==> flow/design.v <==
module registers #(
  parameter integer NWORDS = 24,
  parameter integer WIDTH = 2,
  parameter integer RP = 8,
  parameter integer IDX_W = $clog2(NWORDS)
) (
  input logic i_clk,
  input logic rst_ni,
  input logic wr,
  input logic [IDX_W-1:0] waddr,
  input logic [WIDTH-1:0] din,
  input logic [RP*IDX_W-1:0] ra,
  output logic [RP*WIDTH-1:0] rdata
);
  logic wr_reg;
  logic [IDX_W-1:0] waddr_reg;
  logic [WIDTH-1:0] din_reg;
  always_ff @(posedge i_clk or negedge rst_ni) begin
    if (~rst_ni) begin
      wr_reg <= 1'b0;
      waddr_reg <= 0;
      din_reg <= 0;
    end else begin
      wr_reg <= wr;
      waddr_reg <= waddr;
      din_reg <= din;
    end
  end
  logic [WIDTH-1:0] rf [0:NWORDS-1];
  always_ff @(posedge i_clk) begin
    if (wr_reg)
      rf[waddr_reg] <= din_reg;
  end
  logic [RP*IDX_W-1:0] ra_reg;
  always_ff @(posedge i_clk or negedge rst_ni) begin
    if (~rst_ni) begin
      ra_reg <= 0;
    end else begin
      ra_reg <= ra;
    end
  end
  logic [RP*WIDTH-1:0] t;
  generate
    for (genvar gj = 0; gj < RP; gj++) begin : slice
      assign t[gj*WIDTH +: WIDTH] = rf[ra_reg[gj*IDX_W +: IDX_W]];
    end
  endgenerate
  always_ff @(posedge i_clk or negedge rst_ni) begin
    if (~rst_ni) begin
      rdata <= 0;
    end else begin
      rdata <= t;
    end
  end
endmodule
Memo
Re: synthesis data of registers

[Step by step through the tools: registers]
A sweep over "NWORDS": the same steps for each member of the family.
The file above is the member NWORDS = 24. Line numbers count from 1 in each member's own file.
Cell names lack the library's common part.
Not given: n/a
Set-up
  top module: registers
  clock input: i_clk
  standard-cell library: sky130hd
  corner: tt_025C_1v80

[Source of the members]
Lines of each other member's file that are new or changed against the file above; lines that a member lacks are not shown.
Lines new or changed
  NWORDS 40: RTL line 2  | parameter integer NWORDS = 40,
  NWORDS 64: RTL line 2  | parameter integer NWORDS = 64,
  NWORDS 96: RTL line 2  | parameter integer NWORDS = 96,
  NWORDS 128: RTL line 2  | parameter integer NWORDS = 128,

[Word level]
Source: Yosys, flattened and elaborated, memories not mapped. Widths are those after wreduce; folded enables and synchronous resets count as part of the registers. Registers that Yosys merges into a memory's read port (data or address) are not register bits. Print and check cells do not count.
Yosys's memory passes give these memory sizes; they may raise the number of words (mostly to a power of two), join words into wider ones and drop unused or constant bits.
Word-level totals
  NWORDS 24: flip-flop bits (word level) 48, latch bits 0, bits in writable memories 48, memory bits (read-only) 0, clocked read ports x word width 16, memories 1, input port bits 50, output and inout port bits 16, word-level cells 16
  NWORDS 40: flip-flop bits (word level) 57, latch bits 0, bits in writable memories 80, memory bits (read-only) 0, clocked read ports x word width 16, memories 1, input port bits 59, output and inout port bits 16, word-level cells 16
  NWORDS 64: flip-flop bits (word level) 57, latch bits 0, bits in writable memories 128, memory bits (read-only) 0, clocked read ports x word width 16, memories 1, input port bits 59, output and inout port bits 16, word-level cells 16
  NWORDS 96: flip-flop bits (word level) 66, latch bits 0, bits in writable memories 192, memory bits (read-only) 0, clocked read ports x word width 16, memories 1, input port bits 68, output and inout port bits 16, word-level cells 16
  NWORDS 128: flip-flop bits (word level) 66, latch bits 0, bits in writable memories 256, memory bits (read-only) 0, clocked read ports x word width 16, memories 1, input port bits 68, output and inout port bits 16, word-level cells 16
Memories (words x width with read and write ports)
  NWORDS 24: rf 24 x 2 bit 8R1W
  NWORDS 40: rf 40 x 2 bit 8R1W
  NWORDS 64: rf 64 x 2 bit 8R1W
  NWORDS 96: rf 96 x 2 bit 8R1W
  NWORDS 128: rf 128 x 2 bit 8R1W
Operators by class
  NWORDS 24: add/sub/neg operators 0, multiply operators 0, divide/modulo/power cells 0, $lt $le $gt $ge 0, equality and inequality tests 0, shift-type cells 0, mux-type cells 3, bitwise operators 0, reductions and logical operators 8
  NWORDS 40: add/sub/neg operators 0, multiply operators 0, divide/modulo/power cells 0, $lt $le $gt $ge 0, equality and inequality tests 0, shift-type cells 0, mux-type cells 3, bitwise operators 0, reductions and logical operators 8
  NWORDS 64: add/sub/neg operators 0, multiply operators 0, divide/modulo/power cells 0, $lt $le $gt $ge 0, equality and inequality tests 0, shift-type cells 0, mux-type cells 3, bitwise operators 0, reductions and logical operators 8
  NWORDS 96: add/sub/neg operators 0, multiply operators 0, divide/modulo/power cells 0, $lt $le $gt $ge 0, equality and inequality tests 0, shift-type cells 0, mux-type cells 3, bitwise operators 0, reductions and logical operators 8
  NWORDS 128: add/sub/neg operators 0, multiply operators 0, divide/modulo/power cells 0, $lt $le $gt $ge 0, equality and inequality tests 0, shift-type cells 0, mux-type cells 3, bitwise operators 0, reductions and logical operators 8
Operators by type and width (kinds with counts)
  NWORDS 24: 1-bit logical NOT: 8; 5-bit 2-to-1 mux: 1; 2-bit 2-to-1 mux: 1; 1-bit 2-to-1 mux: 1
  NWORDS 40: 1-bit logical NOT: 8; 6-bit 2-to-1 mux: 1; 2-bit 2-to-1 mux: 1; 1-bit 2-to-1 mux: 1
  NWORDS 64: 1-bit logical NOT: 8; 6-bit 2-to-1 mux: 1; 2-bit 2-to-1 mux: 1; 1-bit 2-to-1 mux: 1
  NWORDS 96: 1-bit logical NOT: 8; 7-bit 2-to-1 mux: 1; 2-bit 2-to-1 mux: 1; 1-bit 2-to-1 mux: 1
  NWORDS 128: 1-bit logical NOT: 8; 7-bit 2-to-1 mux: 1; 2-bit 2-to-1 mux: 1; 1-bit 2-to-1 mux: 1

[Logic depth]
Depth = most cells in a row (Yosys ltp): at word level without a register or memory, in the mapped netlist without a sequential cell, where the memories' decode and read muxes count.
Logic depth
  NWORDS 24: word-level depth 1, ABC_AREA 0, mapped depth 6, depth with buffers taken out 4
  NWORDS 40: word-level depth 1, ABC_AREA 0, mapped depth 6, depth with buffers taken out 4
  NWORDS 64: word-level depth 1, ABC_AREA 0, mapped depth 8, depth with buffers taken out 5
  NWORDS 96: word-level depth 1, ABC_AREA 0, mapped depth 9, depth with buffers taken out 6
  NWORDS 128: word-level depth 1, ABC_AREA 0, mapped depth 9, depth with buffers taken out 5

[After synthesis]
The flow's flattened synthesis, as Yosys stat reports it; memories are mapped. The netlist is that of the ABC_AREA named above (0 if unset); the other value can give another one.
Cell types (types with counts)
  NWORDS 24: dfrtp_1: 64; edfxtp_1: 48; mux4_2: 47; mux2i_1: 93; nand3_1: 44; buf_2: 32; nand3b_1: 19; o211ai_1: 18; nor2_1: 35; nor2b_1: 21; mux2_2: 11; o2111ai_1: 12; nand2_1: 17; a2bb2oi_1: 6; a221o_1: 5; o21ai_0: 10; nand4_1: 7; o31ai_1: 5; [+45]
  NWORDS 40: mux4_2: 150; edfxtp_1: 80; dfrtp_1: 73; mux4_1: 16; o22ai_1: 44; mux2_2: 16; nor2_1: 42; mux2i_1: 14; nand2b_1: 15; a211o_1: 10; clkbuf_1: 21; buf_2: 15; nor4_1: 10; nor3_1: 11; nand3b_1: 7; or3b_2: 6; a221o_1: 4; or2_2: 6; [+27]
  NWORDS 64: mux4_2: 209; edfxtp_1: 128; dfrtp_1: 73; mux4_1: 36; mux2i_1: 44; nor2_1: 87; a22oi_1: 25; nor2b_1: 30; nand3_1: 32; mux2_2: 14; buf_2: 29; nand2_1: 35; clkbuf_1: 30; a31oi_1: 17; a22o_1: 12; nand3b_1: 14; buf_6: 9; o21ai_0: 20; [+154]
  NWORDS 96: mux4_2: 399; edfxtp_1: 192; dfrtp_1: 82; mux2i_1: 89; nor2_1: 113; nor2b_1: 49; buf_2: 55; a22oi_1: 34; nand2_1: 61; nand3_1: 38; clkbuf_1: 42; o22ai_1: 24; mux2_2: 11; buf_4: 15; a211oi_1: 13; o21ai_0: 19; nor3_1: 17; a31oi_1: 13; [+110]
  NWORDS 128: mux4_2: 371; edfxtp_1: 256; mux2i_1: 256; dfrtp_1: 82; mux4_1: 77; a22oi_1: 128; mux2_2: 64; nor2_1: 130; clkbuf_1: 114; o22ai_1: 64; a21oi_1: 64; buf_1: 82; nor3_1: 57; buf_2: 40; buf_6: 17; nand2b_1: 26; nor2b_1: 23; buf_12: 7; [+87]
A list marked [+n] leaves out that many cells.
Mapped netlist
  NWORDS 24: cells in the netlist 539, cell area after synthesis 6759.0 µm², sequential part of the area 3042.9 µm², flip-flop cells 112, buffers 47
  NWORDS 40: cells in the netlist 567, cell area after synthesis 9572.9 µm², sequential part of the area 4229.1 µm², flip-flop cells 153, buffers 39
  NWORDS 64: cells in the netlist 998, cell area after synthesis 14823.0 µm², sequential part of the area 5670.4 µm², flip-flop cells 201, buffers 95
  NWORDS 96: cells in the netlist 1376, cell area after synthesis 21038.9 µm², sequential part of the area 7817.5 µm², flip-flop cells 274, buffers 127
  NWORDS 128: cells in the netlist 1945, cell area after synthesis 27905.5 µm², sequential part of the area 9739.3 µm², flip-flop cells 338, buffers 261

[Worst setup path after synthesis]
Source: OpenSTA report_checks on the synthesized netlist (no wires, ideal clock, input and output delay 20% of the period each), path of least setup slack; recovery checks are left aside. Register names are those of the netlist, which keeps one name where synthesis merged equal registers.
Timing post-synthesis
  NWORDS 24: path kind flip-flop to flip-flop, start point reg ra_reg[0], end point reg rdata[1], clock period 1.83 ns, slack 0.367 ns, stages on the path 6, path delay 1.463 ns, synthesis period reached 1.463 ns
  NWORDS 40: path kind flip-flop to flip-flop, start point reg ra_reg[32], end point reg rdata[10], clock period 2.65 ns, slack 0.532 ns, stages on the path 6, path delay 2.118 ns, synthesis period reached 2.118 ns
  NWORDS 64: path kind flip-flop to flip-flop, start point reg ra_reg[30], end point reg rdata[10], clock period 2.4 ns, slack 0.483 ns, stages on the path 8, path delay 1.917 ns, synthesis period reached 1.917 ns
  NWORDS 96: path kind flip-flop to flip-flop, start point reg ra_reg[22], end point reg rdata[7], clock period 2.67 ns, slack 0.535 ns, stages on the path 8, path delay 2.135 ns, synthesis period reached 2.135 ns
  NWORDS 128: path kind flip-flop to flip-flop, start point reg ra_reg[50], end point reg rdata[14], clock period 3.25 ns, slack 0.648 ns, stages on the path 9, path delay 2.602 ns, synthesis period reached 2.602 ns
"path delay" is the arrival time less input delay plus setup time.
"stages on the path" counts driving pins, that of a launching flip-flop among them; a cell with two outputs on the path counts twice.
"synthesis period reached" is the clock period less the worst setup slack; recovery checks do not enter. This is arithmetic on one report: input and output delays are still those of the set period (20% each).
RTL lines, path post-synthesis, NWORDS = 24
  start, declared: RTL line 34  | logic [RP*IDX_W-1:0] ra_reg;
  start, assigned: RTL line 37  | ra_reg <= 0;
  start, assigned: RTL line 39  | ra_reg <= ra;
  end, declared: RTL line 13  | output logic [RP*WIDTH-1:0] rdata
NWORDS = 24: No chain of elaborated cells between the ends is given.
RTL lines, path post-synthesis, NWORDS = 128
  start, declared: RTL line 34  | logic [RP*IDX_W-1:0] ra_reg;
  start, assigned: RTL line 37  | ra_reg <= 0;
  start, assigned: RTL line 39  | ra_reg <= ra;
  end, declared: RTL line 13  | output logic [RP*WIDTH-1:0] rdata
NWORDS = 128: No chain of elaborated cells between the ends is given.

[Worst path after layout]
Path of least setup slack in the final report of each member's run (OpenROAD, finished layout, wires in). Where an end is a register, its clock arrival counts in the times.
Timing post-layout
  NWORDS 24: path kind flip-flop to flip-flop, start point reg ra_reg[30], end point reg rdata[13], clock period 1.83 ns, slack 0.13 ns, stages on the path 5, arrival 1.92 ns, buffers on the path 0
  NWORDS 40: path kind flip-flop to flip-flop, start point reg ra_reg[30], end point reg rdata[10], clock period 2.65 ns, slack 0.32 ns, stages on the path 5, arrival 2.65 ns, buffers on the path 1
  NWORDS 64: path kind flip-flop to flip-flop, start point mem rf[6][1], end point reg rdata[1], clock period 2.4 ns, slack 0.15 ns, stages on the path 6, arrival 2.70 ns, buffers on the path 1
  NWORDS 96: path kind flip-flop to flip-flop, start point reg ra_reg[8], end point reg rdata[2], clock period 2.67 ns, slack 0.03 ns, stages on the path 8, arrival 3.10 ns, buffers on the path 2
  NWORDS 128: path kind flip-flop to flip-flop, start point reg ra_reg[23], end point reg rdata[7], clock period 3.25 ns, slack 0.12 ns, stages on the path 7, arrival 3.58 ns, buffers on the path 1

[Flow runs]
Settings and results of one run of the flow (Yosys, OpenROAD) for each member follow. The constraints put input and output delay at 20% of the set period each and load the outputs with 0.01 pF.
Flow settings
  CAP_MARGIN: 20
  CORE_MARGIN: 2
  CORE_UTILIZATION: 40
  SLEW_MARGIN: 20
Settings by member (period_ns)
  NWORDS 24: 1.83
  NWORDS 40: 2.65
  NWORDS 64: 2.4
  NWORDS 96: 2.67
  NWORDS 128: 3.25
Measured results
  NWORDS 24: area of the synthesized netlist 6759.0 µm², area inside the die boundary 17953.3 µm², standard-cell area after layout 8122.8 µm², utilization after routing 49.2%, worst setup slack after layout 0.134 ns, sum of negative setup slack 0.000 ns, total power after layout 0.005654 W, period achieved 1.696 ns
  NWORDS 40: area of the synthesized netlist 9572.9 µm², area inside the die boundary 25185.7 µm², standard-cell area after layout 11209.5 µm², utilization after routing 47.8%, worst setup slack after layout 0.323 ns, sum of negative setup slack 0.000 ns, total power after layout 0.005815 W, period achieved 2.327 ns
  NWORDS 64: area of the synthesized netlist 14823.0 µm², area inside the die boundary 38614.2 µm², standard-cell area after layout 17355.4 µm², utilization after routing 47.5%, worst setup slack after layout 0.148 ns, sum of negative setup slack 0.000 ns, total power after layout 0.00957 W, period achieved 2.252 ns
  NWORDS 96: area of the synthesized netlist 21038.9 µm², area inside the die boundary 54447.6 µm², standard-cell area after layout 24551.0 µm², utilization after routing 47.0%, worst setup slack after layout 0.029 ns, sum of negative setup slack 0.000 ns, total power after layout 0.01081 W, period achieved 2.641 ns
  NWORDS 128: area of the synthesized netlist 27905.5 µm², area inside the die boundary 71893.7 µm², standard-cell area after layout 31624.1 µm², utilization after routing 45.9%, worst setup slack after layout 0.120 ns, sum of negative setup slack 0.000 ns, total power after layout 0.011893 W, period achieved 3.130 ns
"period achieved": clock period set for the run, less the worst setup slack. It is reckoned from that one timing run; input and output delays stay at 20% of the period that was set.
"total power after layout" rests on the timing tool's default activity at the inputs, not on a simulated workload.
